==> flow/design.v <==
module mpy_top #(
  parameter DW = 8
) (
  input  CLK,
  input  aresetn,
  input  [DW-1:0] op_a_i,
  input  [DW-1:0] op_b_i,
  output [DW-1:0] result_o
);
  reg [DW-1:0] op_a_r;
  reg [DW-1:0] op_b_r;
  reg [DW-1:0] result_r;
  assign result_o = result_r;
  always @(posedge CLK) begin
    if (!aresetn) begin
      op_a_r <= 0;
      op_b_r <= 0;
      result_r <= 0;
    end else begin
      op_a_r <= op_a_i;
      op_b_r <= op_b_i;
      result_r <= op_a_r * op_b_r;
    end
  end
endmodule
======== From RTL to reports: mpy_top ========
The steps from the RTL of mpy_top to its reports follow in flow order.
Lines are those of the file above, counted from 1.
Operators: Yosys type, input widths -> output width; for muxes data width and select width s.
A cell with - has no value.
set-up
  top module .............................. mpy_top
  clock port .............................. CLK
  library ................................. sky130hd
  corner .................................. tt_025C_1v80

======== Elaborated design ========
Source: Yosys, flattened and elaborated, memories not mapped. Widths are those after wreduce; folded enables and synchronous resets count as part of the registers. Registers that Yosys merges into a memory's read port (data or address) are not register bits. Print and check cells do not count. Equal cells are merged and count once.
storage and ports
  bits in registers ....................... 24
  bits of input ports ..................... 18
  output and inout port bits .............. 8
  cells after elaboration ................. 4
cells by class
  multiply operators ...................... 1
operators with widths
  cell         count
  $mul 8x8->8  1

======== Logic depth ========
Yosys ltp: most cells in a row. Word level: on the elaborated netlist, between registers, memories and ports. Mapped: between sequential cells and ports; inverters and the memories' decode and read muxes count.
depth
  depth in word-level cells ............... 1
  ABC_AREA ................................ 0
  mapped depth ............................ 15
  gate-level depth less buffers ........... 15

======== Synthesis result ========
Yosys stat after the flow's synthesis: flattened, memories mapped to cells. It holds for the ABC_AREA given above (unset counts as 0); a run with the other value may have another netlist.
cells by type
  cell                       count  total area (um2)
  sky130_fd_sc_hd__dfxtp_1   24     480.461
  sky130_fd_sc_hd__fa_1      12     240.23
  sky130_fd_sc_hd__and2_1    36     225.216
  sky130_fd_sc_hd__ha_1      16     200.192
  sky130_fd_sc_hd__xnor2_1   9      78.826
  sky130_fd_sc_hd__inv_1     20     75.072
  sky130_fd_sc_hd__nand2_1   17     63.811
  sky130_fd_sc_hd__xnor3_1   2      45.043
  sky130_fd_sc_hd__and2_2    4      30.029
  sky130_fd_sc_hd__xor2_1    2      17.517
  sky130_fd_sc_hd__xnor2_2   1      16.266
  sky130_fd_sc_hd__a21o_1    2      15.014
  sky130_fd_sc_hd__a21oi_1   2      10.01
  sky130_fd_sc_hd__and3_2    1      7.507
  sky130_fd_sc_hd__clkbuf_1  2      7.507
  sky130_fd_sc_hd__nand2_2   1      6.256
synthesis totals
  mapped cells ............................ 151
  mapped area ............................. 1519.0 um2
  area of sequential cells ................ 480.5 um2
  flip-flop cells ......................... 24
  buffer cells ............................ 2

======== Timing after synthesis ========
Path of least setup slack by OpenSTA after synthesis, without wires, with an ideal clock, recovery checks aside; 20% of the period is set as input and as output delay. Where synthesis merged equal registers, the netlist keeps one of their names.
path post-synthesis
  kind .................................... register to register
  start point ............................. register op_a_r[0]
  end point ............................... register result_r[7]
  period .................................. 4.58 ns
  library setup time ...................... 0.115 ns
  time at the first pin ................... 0.000 ns
  data arrival time ....................... 3.545 ns
  required time ........................... 4.465 ns
  slack ................................... 0.921 ns
  delay of the path ....................... 3.660 ns
  stages .................................. 15
  buffers on the path ..................... 0
  synthesis period reached ................ 3.659 ns
"delay of the path" = arrival - input delay + setup time.
"stages" counts driving pins, that of a launching flip-flop among them; a cell with two outputs on the path counts twice.
"synthesis period reached" = period - worst setup slack (recovery checks aside). The figure is calculated, with input and output delays left at 20% of the set period.
Between the ends stands the longest chain of elaborated cells between them, by number of cells; it is not shown to be the way that was timed. Of several equally long chains one is given.
Each line given opens the expression or statement behind the cell; cells for indexed reads and writes are added by Yosys, which also makes memories of some case tables.
on the way, post-synthesis
  cell sequence ........................... sky130_fd_sc_hd__dfxtp_1 > sky130_fd_sc_hd__nand2_1 > sky130_fd_sc_hd__fa_1 > sky130_fd_sc_hd__inv_1 > sky130_fd_sc_hd__fa_1 > sky130_fd_sc_hd__ha_1 > sky130_fd_sc_hd__inv_1 > sky130_fd_sc_hd__fa_1 > sky130_fd_sc_hd__inv_1 > sky130_fd_sc_hd__ha_1 > sky130_fd_sc_hd__a21o_1 > sky130_fd_sc_hd__a21oi_1 > sky130_fd_sc_hd__xnor3_1 > sky130_fd_sc_hd__xnor3_1 > sky130_fd_sc_hd__and2_1
  length of the longest elaborated chain .. 1
  elaborated cells on any way between the ends .. 1
  RTL lines with such cells ............... 1
  those cells by class .................... 1 x mul
RTL lines, path post-synthesis
  what             RTL line  RTL
  start, declared  10        reg [DW-1:0] op_a_r;
  start, assigned  16        op_a_r <= 0;
  start, assigned  20        op_a_r <= op_a_i;
  $mul 8x8->8      22        result_r <= op_a_r * op_b_r;
  end, assigned    18        result_r <= 0;
  end, assigned    22
  end, declared    12        reg [DW-1:0] result_r;

======== Worst path after layout ========
From the final timing report of stored run 1: the path of least setup slack in the routed layout; clock arrival at registers is part of the times.
path post-layout
  kind .................................... register to register
  start point ............................. register op_a_r[0]
  end point ............................... register result_r[7]
  period .................................. 4.58 ns
  library setup time ...................... 0.10 ns
  time at the first pin ................... 0.27 ns
  data arrival time ....................... 4.11 ns
  required time ........................... 4.74 ns
  slack ................................... 0.63 ns
  stages .................................. 15
  buffers on the path ..................... 0
Between the ends stands the longest chain of elaborated cells between them, by number of cells; it is not shown to be the way that was timed. Of several equally long chains one is given.
on the way, post-layout
  cell sequence ........................... sky130_fd_sc_hd__dfxtp_1 > sky130_fd_sc_hd__nand2_1 > sky130_fd_sc_hd__fa_1 > sky130_fd_sc_hd__inv_1 > sky130_fd_sc_hd__fa_1 > sky130_fd_sc_hd__ha_1 > sky130_fd_sc_hd__inv_1 > sky130_fd_sc_hd__fa_1 > sky130_fd_sc_hd__inv_1 > sky130_fd_sc_hd__ha_1 > sky130_fd_sc_hd__a21o_1 > sky130_fd_sc_hd__a21oi_1 > sky130_fd_sc_hd__xnor3_1 > sky130_fd_sc_hd__xnor3_1 > sky130_fd_sc_hd__and2_1
  length of the longest elaborated chain .. 1
  elaborated cells on any way between the ends .. 1
  RTL lines with such cells ............... 1
  those cells by class .................... 1 x mul
RTL lines, path post-layout
  what             RTL line  RTL
  start, declared  10        reg [DW-1:0] op_a_r;
  start, assigned  16        op_a_r <= 0;
  start, assigned  20        op_a_r <= op_a_i;
  $mul 8x8->8      22        result_r <= op_a_r * op_b_r;
  end, assigned    18        result_r <= 0;
  end, assigned    22
  end, declared    12        reg [DW-1:0] result_r;

Top module mpy_top; platform sky130hd; tools Yosys and OpenROAD; 3 stored runs in no particular order. Input and output delays are each 20% of the period that was set; the output load is 0.01 pF.
"achieved clock period (ns)" means the clock period less the worst setup slack. The figure is calculated, with input and output delays left at 20% of the set period.
"worst setup path time (ns)" is the time allowed to the run's worst setup path (the clock period less input and output delay, where it has them) less its slack. Clock arrival times count: a late capture clock shortens it, a late launch clock lengthens it.
"finish__power__total" rests on the timing tool's default activity at the inputs, not on a simulated workload.

Flow files of stored run 1
==> flow/run.sh <==
#!/bin/bash
# the make line also repeats the synthesis and layout settings of config.mk as NAME=value (left out here)
make -C /OpenROAD-flow-scripts/flow DESIGN_CONFIG=/design/flow/config.mk WORK_HOME=/design/flow/orfs CLKGATE_MAP_FILE= finish
==> flow/config.mk <==
export PLATFORM = sky130hd
export DESIGN_NAME = mpy_top
export DESIGN_NICKNAME = mpy_top
export VERILOG_FILES = /design/flow/design.v
export SDC_FILE = /design/flow/constraint.sdc
export NUM_CORES = 4
export LEC_CHECK = 0
export CAP_MARGIN = 20
export CORE_MARGIN = 2
export CORE_UTILIZATION = 40
export SLEW_MARGIN = 20
==> flow/constraint.sdc <==
create_clock -name core_clock -period 4.58 [get_ports {CLK}]
set_input_delay 0.9160 -clock core_clock [delete_from_list [all_inputs] [get_ports {CLK}]]
set_output_delay 0.9160 -clock core_clock [all_outputs]
set_load 0.01 [all_outputs]

report of stored run 1
yosys chip area after synthesis (um^2): 1519.0
finish__design__die__area: 4306.0
finish__design__instance__utilization: 0.5171
finish__timing__setup__ws: 0.632
finish__timing__setup__tns: 0.000
finish__power__total: 5.102e-04
achieved clock period (ns): 3.948
worst setup path time (ns): 3.95
worst setup path kind: register to register

Flow files of stored run 2
==> flow/run.sh <==
#!/bin/bash
# the make line also repeats the synthesis and layout settings of config.mk as NAME=value (left out here)
make -C /OpenROAD-flow-scripts/flow DESIGN_CONFIG=/design/flow/config.mk WORK_HOME=/design/flow/orfs CLKGATE_MAP_FILE= finish
==> flow/config.mk <==
export PLATFORM = sky130hd
export DESIGN_NAME = mpy_top
export DESIGN_NICKNAME = mpy_top
export VERILOG_FILES = /design/flow/design.v
export SDC_FILE = /design/flow/constraint.sdc
export NUM_CORES = 4
export LEC_CHECK = 0
export CAP_MARGIN = 35
export CELL_PAD_IN_SITES_DETAIL_PLACEMENT = 0
export CORE_ASPECT_RATIO = 0.88
export CORE_MARGIN = 2
export CORE_UTILIZATION = 36
export CTS_CLUSTER_DIAMETER = 96
export PLACE_DENSITY = 0.77
export SLEW_MARGIN = 20
export TNS_END_PERCENT = 50
==> flow/constraint.sdc <==
create_clock -name core_clock -period 3.27 [get_ports {CLK}]
set_input_delay 0.6540 -clock core_clock [delete_from_list [all_inputs] [get_ports {CLK}]]
set_output_delay 0.6540 -clock core_clock [all_outputs]
set_load 0.01 [all_outputs]

report of stored run 2
yosys chip area after synthesis (um^2): 1519.0
finish__design__die__area: 4756.2
finish__design__instance__utilization: 0.5146
finish__timing__setup__ws: -0.104
finish__timing__setup__tns: -0.104
finish__power__total: 7.495e-04
achieved clock period (ns): 3.374
worst setup path time (ns): 3.37
worst setup path kind: register to register

Flow files of stored run 3
==> flow/run.sh <==
#!/bin/bash
# the make line also repeats the synthesis and layout settings of config.mk as NAME=value (left out here)
make -C /OpenROAD-flow-scripts/flow DESIGN_CONFIG=/design/flow/config.mk WORK_HOME=/design/flow/orfs CLKGATE_MAP_FILE= finish
==> flow/config.mk <==
export PLATFORM = sky130hd
export DESIGN_NAME = mpy_top
export DESIGN_NICKNAME = mpy_top
export VERILOG_FILES = /design/flow/design.v
export SDC_FILE = /design/flow/constraint.sdc
export NUM_CORES = 4
export LEC_CHECK = 0
export CAP_MARGIN = 20
export CORE_ASPECT_RATIO = 0.59
export CORE_MARGIN = 2
export CORE_UTILIZATION = 49
export CTS_CLUSTER_DIAMETER = 68
export CTS_CLUSTER_SIZE = 77
export PLACE_DENSITY = 0.41
export SLEW_MARGIN = 20
export TNS_END_PERCENT = 85
==> flow/constraint.sdc <==
create_clock -name core_clock -period 5.54 [get_ports {CLK}]
set_input_delay 1.1080 -clock core_clock [delete_from_list [all_inputs] [get_ports {CLK}]]
set_output_delay 1.1080 -clock core_clock [all_outputs]
set_load 0.01 [all_outputs]

report of stored run 3
yosys chip area after synthesis (um^2): 1519.0
finish__design__die__area: 3576.8
finish__design__instance__utilization: 0.6440
finish__timing__setup__ws: 1.575
finish__timing__setup__tns: 0.000
finish__power__total: 4.259e-04
achieved clock period (ns): 3.965
worst setup path time (ns): 3.96
worst setup path kind: register to register
